==> flow/design.v <==
module gen_adder #(
    parameter NBITS = 10
) (
    input  wire clk,
    input  wire RSTN,
    input  wire [NBITS-1:0] dataa,
    input  wire [NBITS-1:0] datab,
    input  wire cin,
    output reg [NBITS-1:0] o,
    output reg carry
);
    wire [NBITS:0] val = dataa + datab + cin;
    always @(posedge clk or negedge RSTN) begin
        if (~RSTN) begin
            o <= 0;
            carry <= 1'b0;
        end else begin
            o <= val[NBITS-1:0];
            carry <= val[NBITS];
        end
    end
endmodule
### Reports on gen_adder

What the tools print for gen_adder, step after step.
Lines are those of the file above, counted from 1.
Library cell names are shortened.
Not given: n/a

* top: gen_adder
* clock input: clk
* cell library: sky130hd
* corner: tt_025C_1v80

### Elaborated design

Source: Yosys, flattened and elaborated, memories not mapped. Widths are those after wreduce; folded enables and synchronous resets count as part of the registers. Registers that Yosys merges into a memory's read port (data or address) are not register bits. Print and check cells do not count. Equal cells are merged and count once.

* output and inout bits: 11
* cells after elaboration: 4
* register bits after elaboration: 11
* bits of input ports: 23

* $add $sub $neg: 2

Operators by type and width (number)
* adder 10 x 10 -> 11 bit: 1
* adder 11 x 1 -> 11 bit: 1

### Depth

Yosys ltp: most cells in a row. Word level: on the elaborated netlist, between registers, memories and ports. Mapped: between sequential cells and ports; inverters and the memories' decode and read muxes count.

* depth in word-level cells: 2
* ABC_AREA: 0
* gate-level depth with buffers: 8
* depth with buffers taken out: 8

### After synthesis

Yosys stat after the flow's synthesis: flattened, memories mapped to cells. It holds for the ABC_AREA given above (unset counts as 0); a run with the other value may have another netlist.
Totals and module areas in this step are rounded.

* mapped flip-flops: 11
* standard cells after synthesis: 65
* chip area (Yosys): 710 um2
* sequential part of the area: 280 um2
* buffers: 0

Cells by type
* dfrtp_1: number 11, area in all 275.264 um2
* ha_1: number 9, area in all 112.608 um2
* xnor2_1: number 6, area in all 52.55 um2
* fa_1: number 2, area in all 40.038 um2
* a21oi_1: number 6, area in all 30.029 um2
* a21o_1: number 3, area in all 22.522 um2
* and3_1: number 3, area in all 18.768 um2
* xor2_1: number 2, area in all 17.517 um2
* o41ai_2: number 1, area in all 16.266 um2
* inv_1: number 4, area in all 15.014 um2
* o21a_1: number 2, area in all 15.014 um2
* a211oi_2: number 1, area in all 12.512 um2
* nand2b_1: number 2, area in all 12.512 um2
* o21ai_0: number 2, area in all 10.01 um2
* a31o_1: number 1, area in all 8.758 um2
* and2_4: number 1, area in all 8.758 um2
* nand2_1: number 2, area in all 7.507 um2
* nor2_1: number 2, area in all 7.507 um2

Not listed: further types 5, cells in them 5.

### Worst setup path after synthesis

OpenSTA on the mapped netlist: ideal clock, no wires. The path of least setup slack (recovery checks aside). Input and output delay are each 20% of the period. Register names are those of the netlist, which keeps one name where synthesis merged equal registers.

* kind: in2reg
* start point: in dataa[0]
* end point: reg o[8]
* input delay: 0.488 ns
* delay of the path: 1.562 ns
* time at the first pin: 0.488 ns
* required time: 2.360 ns
* setup slack: 0.391 ns
* setup time: 0.080 ns
* arrival time: 1.970 ns
* stages on the path: 8
* period: 2.44 ns
* buffers on the path: 0
* period reached after synthesis: 2.049 ns

"delay of the path" = arrival - input delay + setup time.
"stages on the path": output pins that drive a net of the path, with the launching flip-flop's if there is one; two outputs of one cell count as two.
"period reached after synthesis" = period - worst setup slack (recovery checks aside). The figure is calculated, with input and output delays left at 20% of the set period.
Between the ends stands the longest chain of elaborated cells between them, by number of cells; it is not shown to be the way that was timed. Of several equally long chains one is given.
Each line given opens the expression or statement behind the cell; cells for indexed reads and writes are added by Yosys, which also makes memories of some case tables.

* cells stage by stage: fa_1 -> inv_1 -> fa_1 -> nor2b_1 -> o21a_1 -> a31o_1 -> o41ai_2 -> xnor2_1
* cells in the longest elaborated chain: 2
* elaborated cells on any way between the ends: 2
* RTL lines with such cells: 1
* classes of those cells: 2 x add/sub

Ends and longest elaborated chain, after synthesis
* start: declaration: RTL line 6 `input  wire [NBITS-1:0] dataa,`
* adder 10 x 10 -> 11 bit: RTL line 12 `wire [NBITS:0] val = dataa + datab + cin;`
* adder 11 x 1 -> 11 bit: RTL line 12
* end: assignment: RTL line 15 `o <= 0;`
* end: assignment: RTL line 18 `o <= val[NBITS-1:0];`
* end: declaration: RTL line 9 `output reg [NBITS-1:0] o,`

### Path in the finished layout

Path of least setup slack in the final report of run 1 (OpenROAD, finished layout, wires in). Where an end is a register, its clock arrival counts in the times.

* kind: in2reg
* start point: in cin
* end point: reg o[8]
* arrival time: 2.09 ns
* period: 1.93 ns
* buffers on the path: 1
* input delay: 0.39 ns
* required time: 2.07 ns
* stages on the path: 9
* setup slack: -0.02 ns
* setup time: 0.12 ns
* time at the first pin: 0.39 ns

Between the ends stands the longest chain of elaborated cells between them, by number of cells; it is not shown to be the way that was timed. Of several equally long chains one is given.

* cells stage by stage: buf_6 -> fa_2 -> inv_2 -> fa_2 -> nor2b_1 -> o21a_1 -> a31o_1 -> o41ai_2 -> xnor2_1
* cells in the longest elaborated chain: 1
* elaborated cells on any way between the ends: 1
* RTL lines with such cells: 1
* classes of those cells: 1 x add/sub

Ends and longest elaborated chain, post-layout
* start: declaration: RTL line 8 `input  wire cin,`
* adder 11 x 1 -> 11 bit: RTL line 12 `wire [NBITS:0] val = dataa + datab + cin;`
* end: assignment: RTL line 15 `o <= 0;`
* end: assignment: RTL line 18 `o <= val[NBITS-1:0];`
* end: declaration: RTL line 9 `output reg [NBITS-1:0] o,`

Record of 3 stored runs of the RTL-to-layout flow on gen_adder, platform sky130hd. The runs are unordered. Constraints: input delay and output delay 20% of the set period each, output load 0.01 pF.
By "achieved period" is meant the clock period of the run minus its worst setup slack. This is arithmetic on one report: input and output delays are still those of the set period (20% each).
"time on the worst setup path" is the time allowed to the run's worst setup path (the clock period less input and output delay, where it has them) less its slack. Clock arrival times count: a late capture clock shortens it, a late launch clock lengthens it.
By "total power after layout" is meant OpenSTA's value without simulated activity: inputs other than the clock are taken to toggle once in ten clock periods, and the tool carries that through the logic.
The measured numbers are rounded.

### Run 1

==> flow/run.sh <==
#!/bin/bash
# the make line also repeats the synthesis and layout settings of config.mk as NAME=value (left out here)
make -C /OpenROAD-flow-scripts/flow DESIGN_CONFIG=/design/flow/config.mk WORK_HOME=/design/flow/orfs CLKGATE_MAP_FILE= finish
==> flow/config.mk <==
export PLATFORM = sky130hd
export DESIGN_NAME = gen_adder
export DESIGN_NICKNAME = gen_adder
export VERILOG_FILES = /design/flow/design.v
export SDC_FILE = /design/flow/constraint.sdc
export NUM_CORES = 4
export LEC_CHECK = 0
export CAP_MARGIN = 20
export CORE_MARGIN = 8
export CORE_UTILIZATION = 51
export MAX_ROUTING_LAYER = met4
export PLACE_DENSITY = 0.44
export SLEW_MARGIN = 15
export TNS_END_PERCENT = 70
==> flow/constraint.sdc <==
create_clock -name core_clock -period 1.93 [get_ports {clk}]
set_input_delay 0.3860 -clock core_clock [delete_from_list [all_inputs] [get_ports {clk}]]
set_output_delay 0.3860 -clock core_clock [all_outputs]
set_load 0.01 [all_outputs]

Results of run 1:
- Area of the synthesized netlist: 710 um2
- Area inside the die boundary: 2800 um2
- Standard-cell area after layout: 1200 um2
- Utilization after routing: 92%
- Worst setup slack after layout: -0.018 ns
- Setup TNS: -0.018 ns
- Total power after layout: 0.84 mW
- Achieved period: 1.948 ns
- Time on the worst setup path: 1.56 ns
- Type of the worst setup path: in2reg

### Run 2

==> flow/run.sh <==
#!/bin/bash
# the make line also repeats the synthesis and layout settings of config.mk as NAME=value (left out here)
make -C /OpenROAD-flow-scripts/flow DESIGN_CONFIG=/design/flow/config.mk WORK_HOME=/design/flow/orfs CLKGATE_MAP_FILE= finish
==> flow/config.mk <==
export PLATFORM = sky130hd
export DESIGN_NAME = gen_adder
export DESIGN_NICKNAME = gen_adder
export VERILOG_FILES = /design/flow/design.v
export SDC_FILE = /design/flow/constraint.sdc
export NUM_CORES = 4
export LEC_CHECK = 0
export CAP_MARGIN = 20
export CORE_MARGIN = 2
export CORE_UTILIZATION = 40
export SLEW_MARGIN = 20
==> flow/constraint.sdc <==
create_clock -name core_clock -period 2.44 [get_ports {clk}]
set_input_delay 0.4880 -clock core_clock [delete_from_list [all_inputs] [get_ports {clk}]]
set_output_delay 0.4880 -clock core_clock [all_outputs]
set_load 0.01 [all_outputs]

Results of run 2:
- Area of the synthesized netlist: 710 um2
- Area inside the die boundary: 2100 um2
- Standard-cell area after layout: 1100 um2
- Utilization after routing: 65%
- Worst setup slack after layout: 0.12 ns
- Setup TNS: 0.000 ns
- Total power after layout: 0.59 mW
- Achieved period: 2.325 ns
- Time on the worst setup path: 1.84 ns
- Type of the worst setup path: in2reg

### Run 3

==> flow/run.sh <==
#!/bin/bash
# the make line also repeats the synthesis and layout settings of config.mk as NAME=value (left out here)
make -C /OpenROAD-flow-scripts/flow DESIGN_CONFIG=/design/flow/config.mk WORK_HOME=/design/flow/orfs CLKGATE_MAP_FILE= finish
==> flow/config.mk <==
export PLATFORM = sky130hd
export DESIGN_NAME = gen_adder
export DESIGN_NICKNAME = gen_adder
export VERILOG_FILES = /design/flow/design.v
export SDC_FILE = /design/flow/constraint.sdc
export NUM_CORES = 4
export LEC_CHECK = 0
export CAP_MARGIN = 40
export CORE_ASPECT_RATIO = 1.23
export CORE_MARGIN = 2
export CORE_UTILIZATION = 41
export GPL_TIMING_DRIVEN = 0
export PLACE_DENSITY_LB_ADDON = 0.16
export SLEW_MARGIN = 10
export TNS_END_PERCENT = 40
==> flow/constraint.sdc <==
create_clock -name core_clock -period 1.83 [get_ports {clk}]
set_input_delay 0.3660 -clock core_clock [delete_from_list [all_inputs] [get_ports {clk}]]
set_output_delay 0.3660 -clock core_clock [all_outputs]
set_load 0.01 [all_outputs]

Results of run 3:
- Area of the synthesized netlist: 710 um2
- Area inside the die boundary: 2100 um2
- Standard-cell area after layout: 1100 um2
- Utilization after routing: 69%
- Worst setup slack after layout: 0.029 ns
- Setup TNS: 0.000 ns
- Total power after layout: 0.80 mW
- Achieved period: 1.801 ns
- Time on the worst setup path: 1.44 ns
- Type of the worst setup path: in2reg
